==> flow/design.v <==
module dp_registers_stage #(
  parameter NWORDS = 6,
  parameter DATA_WIDTH = 32,
  parameter NR = 1,
  parameter WPORTS = 1,
  parameter AW = $clog2(NWORDS)
) (
  input wire i_clk,
  input wire clr,
  input wire [WPORTS-1:0] load_in,
  input wire [WPORTS*AW-1:0] wsel_in,
  input wire [WPORTS*DATA_WIDTH-1:0] d_in,
  input wire [NR*AW-1:0] ra_in,
  output wire [NR*DATA_WIDTH-1:0] dout_out
);
  reg [DATA_WIDTH-1:0] store [NWORDS-1:0];
  integer k;
  always @(posedge i_clk) begin
    for (k = 0; k < WPORTS; k = k + 1)
      if (load_in[k]) store[wsel_in[k*AW +: AW]] <= d_in[k*DATA_WIDTH +: DATA_WIDTH];
  end
  wire [NR*DATA_WIDTH-1:0] cur;
  genvar jj;
  generate
    for (jj = 0; jj < NR; jj = jj + 1) begin : stage
      assign cur[jj*DATA_WIDTH +: DATA_WIDTH] = store[ra_in[jj*AW +: AW]];
    end
  endgenerate
  reg [NR*DATA_WIDTH-1:0] r_dout;
  assign dout_out = r_dout;
  always @(posedge i_clk or posedge clr) begin
    if (clr) begin
      r_dout <= 0;
    end else begin
      r_dout <= cur;
    end
  end
endmodule
Lab notebook: dp_registers_stage

[From RTL to reports: dp_registers_stage]
A sweep over "WPORTS": the same steps for each member of the family.
The file above is the member WPORTS=1. Line numbers count from 1 in each member's own file.
Operators: Yosys type, input widths -> output width; for muxes data width and select width s.
Library cell names are shortened.
A cell with n/a has no value.
Design
  design top: dp_registers_stage
  clock port: i_clk
  library: sky130hd
  library corner: tt_025C_1v80

[Members of the sweep]
Lines of each other member's file that are new or changed against the file above; lines that a member lacks are not shown.
New or changed lines
  WPORTS 3: RTL line 5  | parameter WPORTS = 3,
  WPORTS 5: RTL line 5  | parameter WPORTS = 5,

[Word level]
Source: Yosys, flattened and elaborated, memories not mapped. Widths are those after wreduce; folded enables and synchronous resets count as part of the registers. Registers that Yosys merges into a memory's read port (data or address) are not register bits. Print and check cells do not count. Equal cells are merged and count once.
Yosys's memory passes give these memory sizes; they may raise the number of words (mostly to a power of two), join words into wider ones and drop unused or constant bits.
Word-level totals
  WPORTS 1: bits in registers 0, bits in writable memories 192, word width x clocked read ports 32, memories kept 1, input bits 41, output and inout bits 32, cells after elaboration 4
  WPORTS 3: bits in registers 0, bits in writable memories 192, word width x clocked read ports 32, memories kept 1, input bits 113, output and inout bits 32, cells after elaboration 10
  WPORTS 5: bits in registers 0, bits in writable memories 192, word width x clocked read ports 32, memories kept 1, input bits 185, output and inout bits 32, cells after elaboration 16
Memories (words x width with read and write ports)
  WPORTS 1: store 6x32 r1 w1
  WPORTS 3: store 6x32 r1 w3
  WPORTS 5: store 6x32 r1 w5
Cells by class (mux-type cells)
  WPORTS 1: 3
  WPORTS 3: 9
  WPORTS 5: 15
Operator list (kind and count)
  WPORTS 1: 1 x $mux 32; 1 x $mux 3; 1 x $mux 1
  WPORTS 3: 3 x $mux 32; 3 x $mux 3; 3 x $mux 1
  WPORTS 5: 5 x $mux 32; 5 x $mux 3; 5 x $mux 1

[Logic depth]
Longest topological path by Yosys (ltp), each cell counted once; first at word level (registers and memories cut), then after technology mapping (sequential cells cut; the memories' decode and read muxes count).
Depth
  WPORTS 1: depth after elaboration 1, ABC_AREA 0, gate-level depth with buffers 4
  WPORTS 3: depth after elaboration 1, ABC_AREA 0, gate-level depth with buffers 5
  WPORTS 5: depth after elaboration 1, ABC_AREA 0, gate-level depth with buffers 6

[Netlist]
The flow's flattened synthesis, as Yosys stat reports it; memories are mapped. The netlist is that of the ABC_AREA named above (0 if unset); the other value can give another one.
Mapped netlist
  WPORTS 1: mapped cells 345, mapped area 8176.6 sq um, sequential area 6566.3 sq um, flip-flops 224, buffers 14
  WPORTS 3: mapped cells 1038, mapped area 12381.9 sq um, sequential area 6566.3 sq um, flip-flops 224, buffers 83
  WPORTS 5: mapped cells 1324, mapped area 14692.8 sq um, sequential area 6566.3 sq um, flip-flops 224, buffers 145
Cell types (type and count)
  WPORTS 1: 192 x edfxtp_1; 32 x dfrtp_1; 32 x mux4_2; 35 x mux2_2; 27 x mux2_1; 7 x buf_6; 2 x mux2_4; 4 x buf_2; 3 x nand2b_1; 4 x nor2_1; 3 x clkbuf_1; 2 x nor3_1; 1 x inv_1; 1 x nand2_1
  WPORTS 3: 192 x edfxtp_1; 224 x mux2i_1; 32 x dfrtp_1; 32 x mux4_2; 129 x nand2_1; 96 x a21oi_1; 83 x o21ai_1; 98 x nor2_1; 17 x buf_6; 19 x o21ai_2; 26 x o21ai_0; 16 x buf_4; 19 x buf_2; 21 x clkbuf_1; 3 x buf_12; 4 x and4bb_2; 4 x nand4b_1; 2 x buf_8; (+21)
  WPORTS 5: 192 x edfxtp_1; 224 x mux2i_1; 99 x a221oi_1; 32 x dfrtp_1; 128 x o22ai_1; 32 x mux4_2; 162 x nor2_1; 64 x o221ai_1; 64 x a22oi_1; 29 x a221oi_2; 104 x clkbuf_1; 70 x nand2_1; 33 x a21oi_1; 29 x buf_2; 6 x nand4bb_1; 6 x nand4b_1; 4 x buf_6; 7 x and3_1; (+39)
A list marked (+n) leaves out that many cells.

[Path before layout]
Source: OpenSTA report_checks on the synthesized netlist (no wires, ideal clock, input and output delay 20% of the period each), path of least setup slack; recovery checks are left aside. Register names are those of the netlist, which keeps one name where synthesis merged equal registers.
Timing post-synthesis
  WPORTS 1: kind in2reg, from input port wsel_in[0], to memory store[0][0], period 4.42 ns, slack 0.707 ns, stages 2, delay of the path 2.829 ns, synthesis period reached 3.713 ns
  WPORTS 3: kind in2reg, from input port wsel_in[7], to memory store[5][0], period 2.96 ns, slack 0.476 ns, stages 4, delay of the path 1.892 ns, synthesis period reached 2.484 ns
  WPORTS 5: kind in2reg, from input port load_in[1], to memory store[5][0], period 3.5 ns, slack 0.558 ns, stages 4, delay of the path 2.242 ns, synthesis period reached 2.942 ns
"delay of the path" = arrival - input delay + setup time.
"stages": output pins that drive a net of the path, with the launching flip-flop's if there is one; two outputs of one cell count as two.
"synthesis period reached" is the clock period less the worst setup slack; recovery checks do not enter. This is arithmetic on one report: input and output delays are still those of the set period (20% each).
Between the ends stands the longest chain of elaborated cells between them, by number of cells; it is not shown to be the way that was timed. Of several equally long chains one is given.
Each line given opens the expression or statement behind the cell; cells for indexed reads and writes are added by Yosys, which also makes memories of some case tables.
On the way, post-synthesis, WPORTS=1
  cells in the longest elaborated chain: 1
RTL lines, path post-synthesis, WPORTS=1
  start, declared: RTL line 11  | input wire [WPORTS*AW-1:0] wsel_in,
  $mux 3: RTL line 20  | if (load_in[k]) store[wsel_in[k*AW +: AW]] <= d_in[k*DATA_WIDTH +: DATA_WIDTH];
  end, declared: RTL line 16  | reg [DATA_WIDTH-1:0] store [NWORDS-1:0];
WPORTS=5: The path ends at the enable pin of a flip-flop; only ways to that pin are counted.
On the way, post-synthesis, WPORTS=5
  cells in the longest elaborated chain: 1
RTL lines, path post-synthesis, WPORTS=5
  start, declared: RTL line 10  | input wire [WPORTS-1:0] load_in,
  $mux 3: RTL line 20  | if (load_in[k]) store[wsel_in[k*AW +: AW]] <= d_in[k*DATA_WIDTH +: DATA_WIDTH];
  end, declared: RTL line 16  | reg [DATA_WIDTH-1:0] store [NWORDS-1:0];

[Worst path after layout]
Path of least setup slack in the final report of the run of each member (OpenROAD, finished layout, wires in). Where an end is a register, its clock arrival counts in the times.
Timing post-layout
  WPORTS 1: kind reg2out, from register r_dout[0], to output port dout_out[0], period 4.42 ns, slack 2.12 ns, stages 2, arrival time 1.42 ns, path buffers 1
  WPORTS 3: kind in2reg, from input port wsel_in[4], to memory store[5][18], period 2.96 ns, slack 0.80 ns, stages 5, arrival time 2.41 ns, path buffers 2
  WPORTS 5: kind in2reg, from input port load_in[1], to memory store[0][14], period 3.5 ns, slack 1.02 ns, stages 7, arrival time 2.68 ns, path buffers 3

[Layout results]
One run of the flow (Yosys, OpenROAD) for each member, with settings and measured results. Input and output delays are each 20% of the period that was set; the output load is 0.01 pF.
Flow settings
  CAP_MARGIN: 20
  CORE_MARGIN: 2
  CORE_UTILIZATION: 40
  SLEW_MARGIN: 20
Settings by member (period_ns)
  WPORTS 1: 4.42
  WPORTS 3: 2.96
  WPORTS 5: 3.5
Results
  WPORTS 1: area of the synthesized netlist 8176.6 sq um, area of the die 21601.7 sq um, standard-cell area after layout 10003.3 sq um, utilization after routing 49.6%, worst slack on setup checks 2.118 ns, setup total negative slack 0.000 ns, lowest hold slack 0.557 ns, overall power 0.004519 W, period achieved 2.302 ns
  WPORTS 3: area of the synthesized netlist 12381.9 sq um, area of the die 32378.4 sq um, standard-cell area after layout 15102.0 sq um, utilization after routing 49.5%, worst slack on setup checks 0.802 ns, setup total negative slack 0.000 ns, lowest hold slack 0.548 ns, overall power 0.008105 W, period achieved 2.158 ns
  WPORTS 5: area of the synthesized netlist 14692.8 sq um, area of the die 38280.9 sq um, standard-cell area after layout 18453.9 sq um, utilization after routing 50.8%, worst slack on setup checks 1.015 ns, setup total negative slack 0.000 ns, lowest hold slack 0.546 ns, overall power 0.008065 W, period achieved 2.485 ns
"period achieved" = clock period - worst setup slack. The figure is calculated, with input and output delays left at 20% of the set period.
"overall power": no workload was simulated; the value follows from the tool's default switching activity.
